==> flow/design.v <==
module shifter_stage #(
    parameter DATA_W = 20,
    parameter LG = $clog2(DATA_W)
) (
    input wire clk,
    input wire rst_i,
    input wire [DATA_W-1:0] din,
    input wire [LG-1:0] sh,
    output reg [DATA_W-1:0] res
);
    wire [2*DATA_W-1:0] cur;
    assign cur = {din, din} >> sh;
    always @(posedge clk) begin
        if (rst_i) begin
            res <= 0;
        end else begin
            res <= cur[DATA_W-1:0];
        end
    end
endmodule
-- From RTL to reports: shifter_stage
The steps from the RTL of shifter_stage to its reports follow in flow order.
Lines are those of the file above, counted from 1.
Not given: -
- design top: shifter_stage
- clock port: clk
- standard-cell library: sky130hd
- timing corner: tt_025C_1v80

-- Word-level counts
Yosys after proc, flatten, opt, wreduce and memory -nomap, before mapping. Enables and synchronous resets that opt folds into registers are not counted as muxes. Memory bits, and registers merged into a memory's read port (data or address), are not among the register bits. Print and check cells are not counted. Equal cells are merged and count once.
- flip-flop bits (word level) at 20
- input bits at 27
- output and inout port bits at 20
- noted cells after elaboration: 2
- shift-type cells at 1
- operators by type and width (cell ; count):
    40-bit by 5-bit >> shifter with 20-bit output ; 1

-- Logic depth
Depth = most cells in a row (Yosys ltp): at word level without a register or memory, in the mapped netlist without a sequential cell, where the memories' decode and read muxes count.
- depth after elaboration: 1
- noted ABC_AREA: 0
- noted gate-level depth with buffers: 8
- depth with buffers taken out: 5

-- After synthesis
Source: synth_stat.txt of the flow (Yosys; design flattened, memories mapped). It holds for the ABC_AREA given above (unset counts as 0); a run with the other value may have another netlist.
- noted mapped cells: 254
- chip area (Yosys) at 2332.2 um^2
- area of sequential cells at 400.4 um^2
- mapped flip-flops: 20
- noted buffer cells: 24
- cell types (type ; count ; total area (um^2)):
    sky130_fd_sc_hd__dfxtp_1 ; 20 ; 400.384
    sky130_fd_sc_hd__mux2i_1 ; 36 ; 360.346
    sky130_fd_sc_hd__mux4_2 ; 13 ; 292.781
    sky130_fd_sc_hd__mux2_2 ; 22 ; 247.738
    sky130_fd_sc_hd__nand2_1 ; 22 ; 82.579
    sky130_fd_sc_hd__nor2_1 ; 22 ; 82.579
    sky130_fd_sc_hd__mux2_4 ; 5 ; 75.072
    sky130_fd_sc_hd__o21ai_0 ; 14 ; 70.067
    sky130_fd_sc_hd__mux4_1 ; 2 ; 52.55
    sky130_fd_sc_hd__a21oi_1 ; 10 ; 50.048
    sky130_fd_sc_hd__o22ai_1 ; 8 ; 50.048
    sky130_fd_sc_hd__buf_2 ; 8 ; 40.038
    sky130_fd_sc_hd__a211oi_1 ; 5 ; 37.536
    sky130_fd_sc_hd__o211ai_1 ; 5 ; 37.536
    sky130_fd_sc_hd__buf_6 ; 3 ; 33.782
    sky130_fd_sc_hd__clkbuf_1 ; 9 ; 33.782
    sky130_fd_sc_hd__a22o_1 ; 3 ; 26.275
    sky130_fd_sc_hd__nor2b_1 ; 4 ; 25.024
Not listed: further types 30, cells in them 43.

-- Path before layout
Source: OpenSTA report_checks on the synthesized netlist (no wires, ideal clock, input and output delay 20% of the period each), path of least setup slack; recovery checks are left aside. Register names are those of the netlist, which keeps one name where synthesis merged equal registers.
- path type: in2reg
- start: input port sh[1]
- end: register res[15]
- noted clock period: 2.37 ns
- input delay at 0.474 ns
- noted setup time: 0.115 ns
- time at the first pin at 0.474 ns
- noted arrival: 1.878 ns
- data required time: 2.255 ns
- setup slack: 0.376 ns
- delay of the path at 1.519 ns
- driving pins on the path at 7
- noted path buffers: 2
- synthesis period reached at 1.994 ns
"delay of the path" = arrival - input delay + setup time.
"driving pins on the path" counts driving pins, that of a launching flip-flop among them; a cell with two outputs on the path counts twice.
"synthesis period reached" is the clock period less the worst setup slack; recovery checks do not enter. This is arithmetic on one report: input and output delays are still those of the set period (20% each).
The rows between start and end are the longest chain of elaborated cells between them; the timing report does not say that the signal goes this way. Where chains are equally long, one stands for them.
A line is the first line of the expression or statement that the cell stems from. Yosys adds cells for indexed reads and writes and turns some case tables into memories.
- cells stage by stage: sky130_fd_sc_hd__buf_6 -> sky130_fd_sc_hd__buf_8 -> sky130_fd_sc_hd__mux2_2 -> sky130_fd_sc_hd__mux4_2 -> sky130_fd_sc_hd__nor3b_2 -> sky130_fd_sc_hd__a21oi_1 -> sky130_fd_sc_hd__and3_1
- noted cells in the longest elaborated chain: 1
- elaborated cells on any way between the ends at 1
- noted RTL lines with such cells: 1
- classes of those cells: shift (1)
- RTL lines, path after synthesis (item ; line ; text):
    start: declaration ; 8 ; input wire [LG-1:0] sh,
    40-bit by 5-bit >> shifter with 20-bit output ; 12 ; assign cur = {din, din} >> sh;
    end: assignment ; 15 ; res <= 0;
    end: assignment ; 17 ; res <= cur[DATA_W-1:0];
    end: declaration ; 9 ; output reg [DATA_W-1:0] res

-- Path in the finished layout
From the final timing report of entry A: the path of least setup slack in the routed layout; clock arrival at registers is part of the times.
- path type: in2reg
- start: input port sh[1]
- end: register res[19]
- noted clock period: 1.43 ns
- input delay at 0.29 ns
- noted setup time: 0.12 ns
- time at the first pin at 0.29 ns
- noted arrival: 1.91 ns
- data required time: 1.57 ns
- setup slack: -0.33 ns
- driving pins on the path at 9
- noted path buffers: 4
The rows between start and end are the longest chain of elaborated cells between them; the timing report does not say that the signal goes this way. Where chains are equally long, one stands for them.
- cells stage by stage: sky130_fd_sc_hd__buf_12 -> sky130_fd_sc_hd__buf_8 -> sky130_fd_sc_hd__buf_12 -> sky130_fd_sc_hd__mux2_4 -> sky130_fd_sc_hd__buf_4 -> sky130_fd_sc_hd__mux2i_1 -> sky130_fd_sc_hd__o21ai_0 -> sky130_fd_sc_hd__mux2i_1 -> sky130_fd_sc_hd__o22ai_1
- noted cells in the longest elaborated chain: 1
- elaborated cells on any way between the ends at 1
- noted RTL lines with such cells: 1
- classes of those cells: shift (1)
- RTL lines, path after layout (item ; line ; text):
    start: declaration ; 8 ; input wire [LG-1:0] sh,
    40-bit by 5-bit >> shifter with 20-bit output ; 12 ; assign cur = {din, din} >> sh;
    end: assignment ; 15 ; res <= 0;
    end: assignment ; 17 ; res <= cur[DATA_W-1:0];
    end: declaration ; 9 ; output reg [DATA_W-1:0] res

Top module shifter_stage; platform sky130hd; tools Yosys and OpenROAD; 3 stored runs in no particular order. Input and output delays are each 20% of the period that was set; the output load is 0.01 pF.
"period reached" is the run's clock period less its worst setup slack. It is reckoned from that one timing run; input and output delays stay at 20% of the period that was set.
"critical path time" is the time allowed to the run's worst setup path (the clock period less input and output delay, where it has them) less its slack. Clock arrival times count: a late capture clock shortens it, a late launch clock lengthens it.
"total power of the final layout": no workload was simulated; the value follows from the tool's default switching activity.

Entry A

==> flow/run.sh <==
#!/bin/bash
# the make line also repeats the synthesis and layout settings of config.mk as NAME=value (left out here)
make -C /OpenROAD-flow-scripts/flow DESIGN_CONFIG=/design/flow/config.mk WORK_HOME=/design/flow/orfs CLKGATE_MAP_FILE= finish
==> flow/config.mk <==
export PLATFORM = sky130hd
export DESIGN_NAME = shifter_stage
export DESIGN_NICKNAME = shifter_stage
export VERILOG_FILES = /design/flow/design.v
export SDC_FILE = /design/flow/constraint.sdc
export NUM_CORES = 4
export LEC_CHECK = 0
export CAP_MARGIN = 20
export CELL_PAD_IN_SITES_DETAIL_PLACEMENT = 0
export CORE_ASPECT_RATIO = 0.58
export CORE_MARGIN = 8
export CORE_UTILIZATION = 52
export CTS_CLUSTER_DIAMETER = 313
export CTS_CLUSTER_SIZE = 52
export PLACE_DENSITY_LB_ADDON = 0.2
export SLEW_MARGIN = 20
export TNS_END_PERCENT = 35
==> flow/constraint.sdc <==
create_clock -name core_clock -period 1.43 [get_ports {clk}]
set_input_delay 0.2860 -clock core_clock [delete_from_list [all_inputs] [get_ports {clk}]]
set_output_delay 0.2860 -clock core_clock [all_outputs]
set_load 0.01 [all_outputs]

Measured in entry A:
- noted the worst-case hold slack: 0.804 ns
- overall die area at 6964.2 um^2
- noted the total power of the final layout: 2458 uW
- noted the smallest setup slack: -0.333 ns
- noted the period reached: 1.763 ns
- post-route setup TNS at -4.521 ns
- noted the final design utilization: 0.878
- critical path time: 1.48 ns
- type of the worst setup path: in2reg
- area of the synthesized netlist: 2332.2 um^2
- noted the standard-cell area after routing: 3757.3 um^2

Entry B

==> flow/run.sh <==
#!/bin/bash
# the make line also repeats the synthesis and layout settings of config.mk as NAME=value (left out here)
make -C /OpenROAD-flow-scripts/flow DESIGN_CONFIG=/design/flow/config.mk WORK_HOME=/design/flow/orfs CLKGATE_MAP_FILE= finish
==> flow/config.mk <==
export PLATFORM = sky130hd
export DESIGN_NAME = shifter_stage
export DESIGN_NICKNAME = shifter_stage
export VERILOG_FILES = /design/flow/design.v
export SDC_FILE = /design/flow/constraint.sdc
export NUM_CORES = 4
export LEC_CHECK = 0
export CAP_MARGIN = 20
export CORE_ASPECT_RATIO = 0.53
export CORE_MARGIN = 10
export CORE_UTILIZATION = 27
export CTS_CLUSTER_DIAMETER = 96
export GPL_ROUTABILITY_DRIVEN = 0
export MAX_ROUTING_LAYER = met4
export MIN_ROUTING_LAYER = met1
export PLACE_DENSITY_LB_ADDON = 0.02
export SETUP_SLACK_MARGIN = 0.35
export SLEW_MARGIN = 20
export TNS_END_PERCENT = 90
==> flow/constraint.sdc <==
create_clock -name core_clock -period 1.92 [get_ports {clk}]
set_input_delay 0.3840 -clock core_clock [delete_from_list [all_inputs] [get_ports {clk}]]
set_output_delay 0.3840 -clock core_clock [all_outputs]
set_load 0.01 [all_outputs]

Measured in entry B:
- noted the worst-case hold slack: 0.773 ns
- overall die area at 12944.3 um^2
- noted the total power of the final layout: 2106 uW
- noted the smallest setup slack: 0.097 ns
- noted the period reached: 1.823 ns
- post-route setup TNS at 0.000 ns
- noted the final design utilization: 0.467
- critical path time: 1.44 ns
- type of the worst setup path: in2reg
- area of the synthesized netlist: 2332.2 um^2
- noted the standard-cell area after routing: 3886.2 um^2

Entry C

==> flow/run.sh <==
#!/bin/bash
# the make line also repeats the synthesis and layout settings of config.mk as NAME=value (left out here)
make -C /OpenROAD-flow-scripts/flow DESIGN_CONFIG=/design/flow/config.mk WORK_HOME=/design/flow/orfs CLKGATE_MAP_FILE= finish
==> flow/config.mk <==
export PLATFORM = sky130hd
export DESIGN_NAME = shifter_stage
export DESIGN_NICKNAME = shifter_stage
export VERILOG_FILES = /design/flow/design.v
export SDC_FILE = /design/flow/constraint.sdc
export NUM_CORES = 4
export LEC_CHECK = 0
export CAP_MARGIN = 20
export CORE_MARGIN = 2
export CORE_UTILIZATION = 40
export SLEW_MARGIN = 20
==> flow/constraint.sdc <==
create_clock -name core_clock -period 2.37 [get_ports {clk}]
set_input_delay 0.4740 -clock core_clock [delete_from_list [all_inputs] [get_ports {clk}]]
set_output_delay 0.4740 -clock core_clock [all_outputs]
set_load 0.01 [all_outputs]

Measured in entry C:
- noted the worst-case hold slack: 0.853 ns
- overall die area at 6457.7 um^2
- noted the total power of the final layout: 1309 uW
- noted the smallest setup slack: 0.256 ns
- noted the period reached: 2.114 ns
- post-route setup TNS at 0.000 ns
- noted the final design utilization: 0.578
- critical path time: 1.64 ns
- type of the worst setup path: in2reg
- area of the synthesized netlist: 2332.2 um^2
- noted the standard-cell area after routing: 3221.8 um^2
